==> flow/design.v <==
module mul_unit #(
   parameter DWIDTH = 4
) (
   input logic ck,
   input logic i_rst,
   input logic [DWIDTH-1:0] da_in,
   input logic [DWIDTH-1:0] db_in,
   output logic [2*DWIDTH-1:0] result_out
);
   logic [DWIDTH-1:0] da_ff;
   logic [DWIDTH-1:0] db_ff;
   always_ff @(posedge ck) begin
      if (i_rst) begin
         da_ff <= 0;
         db_ff <= 0;
      end else begin
         da_ff <= da_in;
         db_ff <= db_in;
      end
   end
   logic [2*DWIDTH-1:0] cur;
   always_comb begin
      cur = 0;
      for (int i = 0; i < DWIDTH; i++)
         if (db_ff[i]) cur = cur + (da_ff << i);
   end
   logic [2*DWIDTH-1:0] result_ff;
   always_ff @(posedge ck) begin
      if (i_rst) begin
         result_ff <= 0;
      end else begin
         result_ff <= cur;
      end
   end
   assign result_out = result_ff;
endmodule
# Reports on mul_unit
# Tool output for the members of one design family, told apart by "DWIDTH", in the order of the flow.
# The RTL above is that of DWIDTH 4; lines are counted from 1 in the file of the member named.
# Operators: Yosys type, input widths -> output width; for muxes data width and select width s.
# Library cell names are shortened.
# A cell with - has no value.
# setup
top_module,mul_unit
clk_port,ck
cell_library,sky130hd
pvt_corner,tt_025C_1v80

# Members of the sweep
# Lines of each other member's file that are new or changed against the file above; lines that a member lacks are not shown.
# changed_lines
DWIDTH,line,rtl
9,2,parameter DWIDTH = 9
12,2,parameter DWIDTH = 12
14,2,parameter DWIDTH = 14
18,2,parameter DWIDTH = 18
20,2,parameter DWIDTH = 20
22,2,parameter DWIDTH = 22

# Elaborated design
# Source: Yosys, flattened and elaborated, memories not mapped. Widths are those after wreduce; folded enables and synchronous resets count as part of the registers. Registers that Yosys merges into a memory's read port (data or address) are not register bits. Print and check cells do not count. Equal cells are merged and count once.
# word_totals
DWIDTH,register_bits,output_inout_bits,wordCells
4,16,8,10
9,36,18,20
12,48,24,26
14,56,28,30
18,72,36,38
20,80,40,42
22,88,44,46
# op_classes
DWIDTH,addsub,mux
4,3,4
9,8,9
12,11,12
14,13,14
18,17,18
20,19,20
22,21,22
# op_table
DWIDTH,op_list
4,$mux 8 (3); $add 8x5->8 (1); $add 8x6->8 (1); $add 8x7->8 (1); $mux 4 (1)
9,$mux 18 (8); $add 18x10->18 (1); $add 18x11->18 (1); $add 18x12->18 (1); $add 18x13->18 (1); $add 18x14->18 (1); $add 18x15->18 (1); $add 18x16->18 (1); $add 18x17->18 (1); $mux 9 (1)
12,$mux 24 (11); $add 24x13->24 (1); $add 24x14->24 (1); $add 24x15->24 (1); $add 24x16->24 (1); $add 24x17->24 (1); $add 24x18->24 (1); $add 24x19->24 (1); $add 24x20->24 (1); $add 24x21->24 (1); $add 24x22->24 (1); $add 24x23->24 (1); $mux 12 (1)
14,$mux 28 (13); $add 28x15->28 (1); $add 28x16->28 (1); $add 28x17->28 (1); $add 28x18->28 (1); $add 28x19->28 (1); $add 28x20->28 (1); $add 28x21->28 (1); $add 28x22->28 (1); $add 28x23->28 (1); $add 28x24->28 (1); $add 28x25->28 (1); $add 28x26->28 (1); $add 28x27->28 (1); $mux 14 (1)
18,$mux 36 (17); $add 36x19->36 (1); $add 36x20->36 (1); $add 36x21->36 (1); $add 36x22->36 (1); $add 36x23->36 (1); $add 36x24->36 (1); $add 36x25->36 (1); $add 36x26->36 (1); $add 36x27->36 (1); $add 36x28->36 (1); $add 36x29->36 (1); $add 36x30->36 (1); $add 36x31->36 (1); $add 36x32->36 (1); $add 36x33->36 (1); $add 36x34->36 (1); $add 36x35->36 (1); $mux 18 (1)
20,$mux 40 (19); $add 40x21->40 (1); $add 40x22->40 (1); $add 40x23->40 (1); $add 40x24->40 (1); $add 40x25->40 (1); $add 40x26->40 (1); $add 40x27->40 (1); $add 40x28->40 (1); $add 40x29->40 (1); $add 40x30->40 (1); $add 40x31->40 (1); $add 40x32->40 (1); $add 40x33->40 (1); $add 40x34->40 (1); $add 40x35->40 (1); $add 40x36->40 (1); $add 40x37->40 (1); $add 40x38->40 (1); $add 40x39->40 (1); $mux 20 (1)
22,$mux 44 (21); $add 44x23->44 (1); $add 44x24->44 (1); $add 44x25->44 (1); $add 44x26->44 (1); $add 44x27->44 (1); $add 44x28->44 (1); $add 44x29->44 (1); $add 44x30->44 (1); $add 44x31->44 (1); $add 44x32->44 (1); $add 44x33->44 (1); $add 44x34->44 (1); $add 44x35->44 (1); $add 44x36->44 (1); $add 44x37->44 (1); $add 44x38->44 (1); $add 44x39->44 (1); $add 44x40->44 (1); $add 44x41->44 (1); $add 44x42->44 (1); $add 44x43->44 (1); $mux 22 (1)

# Longest topological paths
# Yosys ltp: most cells in a row. Word level: on the elaborated netlist, between registers, memories and ports. Mapped: between sequential cells and ports; inverters and the memories' decode and read muxes count.
# logic_depth
DWIDTH,depth_word,abc_area,ltp_mapped,depth_no_buf
4,7,0,18,18
9,17,0,58,56
12,23,0,77,76
14,27,0,99,98
18,35,0,136,134
20,39,0,150,148
22,43,0,176,174

# After synthesis
# The flow's flattened synthesis, as Yosys stat reports it; memories are mapped. The netlist is that of the ABC_AREA named above (0 if unset); the other value can give another one.
# by_type
DWIDTH,type_list
4,dfxtp_1 (16); ha_1 (11); fa_1 (3); nor2b_1 (9); a21oi_1 (8); inv_1 (10); nand2_1 (9); a21o_1 (4); mux2i_1 (3); nor2_1 (7); o31ai_1 (3); o31a_1 (2); xnor2_1 (2); xor2_1 (2); mux2_4 (1); o21ai_1 (3); and3_1 (2); nand2b_1 (2); (+12)
9,ha_1 (70); dfxtp_1 (36); o21ai_0 (50); xnor2_1 (28); a21oi_1 (39); nand2_1 (46); nor2b_1 (26); nor2_1 (42); fa_1 (7); a21o_1 (18); o21a_1 (18); inv_1 (33); mux2_2 (10); xor2_1 (12); a211oi_1 (13); nand2b_1 (13); mux2i_1 (8); nor3_1 (15); (+147)
12,ha_1 (136); dfxtp_1 (48); xnor2_1 (52); a21oi_1 (88); o21ai_0 (77); nand2_1 (100); nor2_1 (80); inv_1 (74); a21o_1 (34); nor2b_1 (40); mux2_2 (21); xor2_1 (27); o21a_1 (30); fa_1 (11); mux2i_1 (22); a211oi_1 (18); o211ai_1 (18); a31oi_1 (20); (+305)
14,ha_1 (203); dfxtp_1 (56); a21oi_1 (145); xnor2_1 (80); o21ai_0 (120); nor2_1 (151); nand2_1 (146); xor2_1 (42); nor2b_1 (55); a21o_1 (45); inv_1 (86); mux2_2 (28); o21a_1 (37); fa_1 (13); mux2i_1 (26); a211oi_1 (29); a31oi_1 (32); nor3_1 (38); (+363)
18,ha_1 (303); dfxtp_1 (72); a21oi_1 (244); xnor2_1 (124); nor2_1 (265); nand2_1 (264); o21ai_0 (170); a21o_1 (104); o21a_1 (90); xor2_1 (65); inv_1 (141); nor2b_1 (76); mux2i_1 (43); nand3_1 (73); mux2_2 (32); nor3_1 (72); nand2b_1 (55); fa_1 (17); (+715)
20,ha_1 (379); dfxtp_1 (80); a21oi_1 (298); xnor2_1 (159); nand2_1 (354); o21ai_0 (255); nor2_1 (324); a21o_1 (134); o21a_1 (108); xor2_1 (83); inv_1 (168); mux2_2 (50); nor2b_1 (87); nand3_1 (92); nor3_1 (88); a31oi_1 (70); fa_1 (19); mux2i_1 (37); (+909)
22,ha_1 (498); a21oi_1 (419); dfxtp_1 (88); nand2_1 (461); xnor2_1 (196); o21ai_0 (316); nor2_1 (408); a21o_1 (167); o21a_1 (137); xor2_1 (115); inv_1 (202); nor2b_1 (112); mux2_2 (58); mux2i_1 (58); a31oi_1 (84); nand3_1 (100); clkbuf_1 (133); a211oi_1 (66); (+1044)
# A list marked (+n) leaves out that many cells.
# mapped
DWIDTH,stdcells,synth_area_um2,seqArea_um2,flip_flops,n_buf
4,109,985.9,320.3,16,2
9,631,4904.7,720.7,36,23
12,1201,9155.0,960.9,48,41
14,1695,12468.2,1121.1,56,51
18,2925,20936.3,1441.4,72,98
20,3694,26180.1,1601.5,80,120
22,4662,32671.3,1761.7,88,160

# Worst setup path after synthesis
# Source: OpenSTA report_checks on the synthesized netlist (no wires, ideal clock, input and output delay 20% of the period each), path of least setup slack; recovery checks are left aside. Register names are those of the netlist, which keeps one name where synthesis merged equal registers.
# synth_path
DWIDTH,path_kind,from,to,tclk_ns,setup_slack_ns,driving_pins,delay_ns,period_less_setup_slack_ns
4,register to register,reg db_ff[0],reg result_ff[6],4.39,0.878,19,3.512,3.512
9,register to register,reg da_ff[1],reg result_ff[16],12.0,2.440,49,9.561,9.56
12,register to register,reg da_ff[1],reg result_ff[23],17.1,3.446,72,13.655,13.654
14,register to register,reg da_ff[1],reg result_ff[25],20.6,4.130,89,16.470,16.47
18,register to register,reg da_ff[1],reg result_ff[35],29.8,5.995,126,23.805,23.805
20,register to register,reg db_ff[0],reg result_ff[38],32.2,6.460,136,25.741,25.74
22,register to register,reg da_ff[1],reg result_ff[41],36.6,7.295,151,29.305,29.305
# "delay_ns" is the arrival time less input delay plus setup time.
# "driving_pins" counts driving pins, that of a launching flip-flop among them; a cell with two outputs on the path counts twice.
# "period_less_setup_slack_ns" = period - worst setup slack (recovery checks aside). The figure is calculated, with input and output delays left at 20% of the set period.
# Between the ends stands the longest chain of elaborated cells between them, by number of cells; it is not shown to be the way that was timed. Of several equally long chains one is given.
# A line is the first line of the expression or statement that the cell stems from. Yosys adds cells for indexed reads and writes and turns some case tables into memories.
# synth_via_DWIDTH_4
elab_chain_len,7
# synth_rtl_DWIDTH_4
element,line,rtl
"start, declared",11,logic [DWIDTH-1:0] db_ff;
"start, assigned",15,db_ff <= 0;
"start, assigned",18,db_ff <= db_in;
$mux 4,25,if (db_ff[i]) cur = cur + (da_ff << i);
$add 8x5->8,25,
$mux 8,25,
$add 8x6->8,25,
$mux 8,25,
$add 8x7->8,25,
$mux 8,25,
"end, assigned",30,result_ff <= 0;
"end, assigned",32,result_ff <= cur;
"end, declared",27,logic [2*DWIDTH-1:0] result_ff;
# synth_via_DWIDTH_22
elab_chain_len,43
# synth_rtl_DWIDTH_22
element,line,rtl
"start, declared",10,logic [DWIDTH-1:0] da_ff;
"start, assigned",14,da_ff <= 0;
"start, assigned",17,da_ff <= da_in;
$mux 22,25,if (db_ff[i]) cur = cur + (da_ff << i);
$add 44x23->44,25,
$mux 44,25,
$add 44x24->44,25,
$mux 44,25,
$add 44x25->44,25,
$mux 44,25,
[... 29 more ...],-,
$mux 44,25,
$add 44x41->44,25,
$mux 44,25,
$add 44x42->44,25,
$mux 44,25,
$add 44x43->44,25,
$mux 44,25,
"end, assigned",30,result_ff <= 0;
"end, assigned",32,result_ff <= cur;
"end, declared",27,logic [2*DWIDTH-1:0] result_ff;

# Worst path after layout
# Path of least setup slack in the final report of the run of each member (OpenROAD, finished layout, wires in). Where an end is a register, its clock arrival counts in the times.
# layout_path
DWIDTH,path_kind,from,to,tclk_ns,setup_slack_ns,driving_pins,arrival_ns,n_path_buf
4,register to register,reg db_ff[0],reg result_ff[6],4.39,0.56,19,4.02,0
9,register to register,reg da_ff[1],reg result_ff[16],12.0,1.24,53,10.93,1
12,register to register,reg db_ff[0],reg result_ff[23],17.1,1.43,72,15.88,0
14,register to register,reg db_ff[0],reg result_ff[23],20.6,1.57,92,19.23,0
18,register to register,reg db_ff[0],reg result_ff[32],29.8,1.61,124,28.41,1
20,register to register,reg db_ff[0],reg result_ff[37],32.2,2.47,141,30.06,1
22,register to register,reg db_ff[0],reg result_ff[41],36.6,2.46,157,34.42,1

# Flow runs
# One run of the flow (Yosys, OpenROAD) for each member, with settings and measured results. Input and output delays are each 20% of the period that was set; the output load is 0.01 pF.
# flow_settings
CAP_MARGIN,20
CORE_MARGIN,2
CORE_UTILIZATION,40
SLEW_MARGIN,20
# settings_diff
DWIDTH,period_ns
4,4.39
9,12.0
12,17.1
14,20.6
18,29.8
20,32.2
22,36.6
# results
DWIDTH,synthArea_um2,design_die_area_um2,final_cell_area_um2,layout_utilization_pct,ws_setup_ns,timing.setup.tns_ns,hold_ws_ns,period_less_ws_ns
4,985.9,2877.8,1216.2,53.4,0.557,0.000,0.579,3.833
9,4904.7,13163.0,5574.1,46.4,1.239,0.000,0.632,10.761
12,9155.0,24113.4,10102.2,44.8,1.427,0.000,0.710,15.673
14,12468.2,32598.3,13699.4,44.7,1.571,0.000,0.642,19.029
18,20936.3,54186.5,22756.8,44.2,1.608,0.000,0.733,28.192
20,26180.1,67511.6,28318.4,43.8,2.470,0.000,0.636,29.730
22,32671.3,83981.1,35155.0,43.6,2.458,0.000,0.731,34.142
# "period_less_ws_ns": clock period set for the run, less the worst setup slack. It is reckoned from that one timing run; input and output delays stay at 20% of the period that was set.
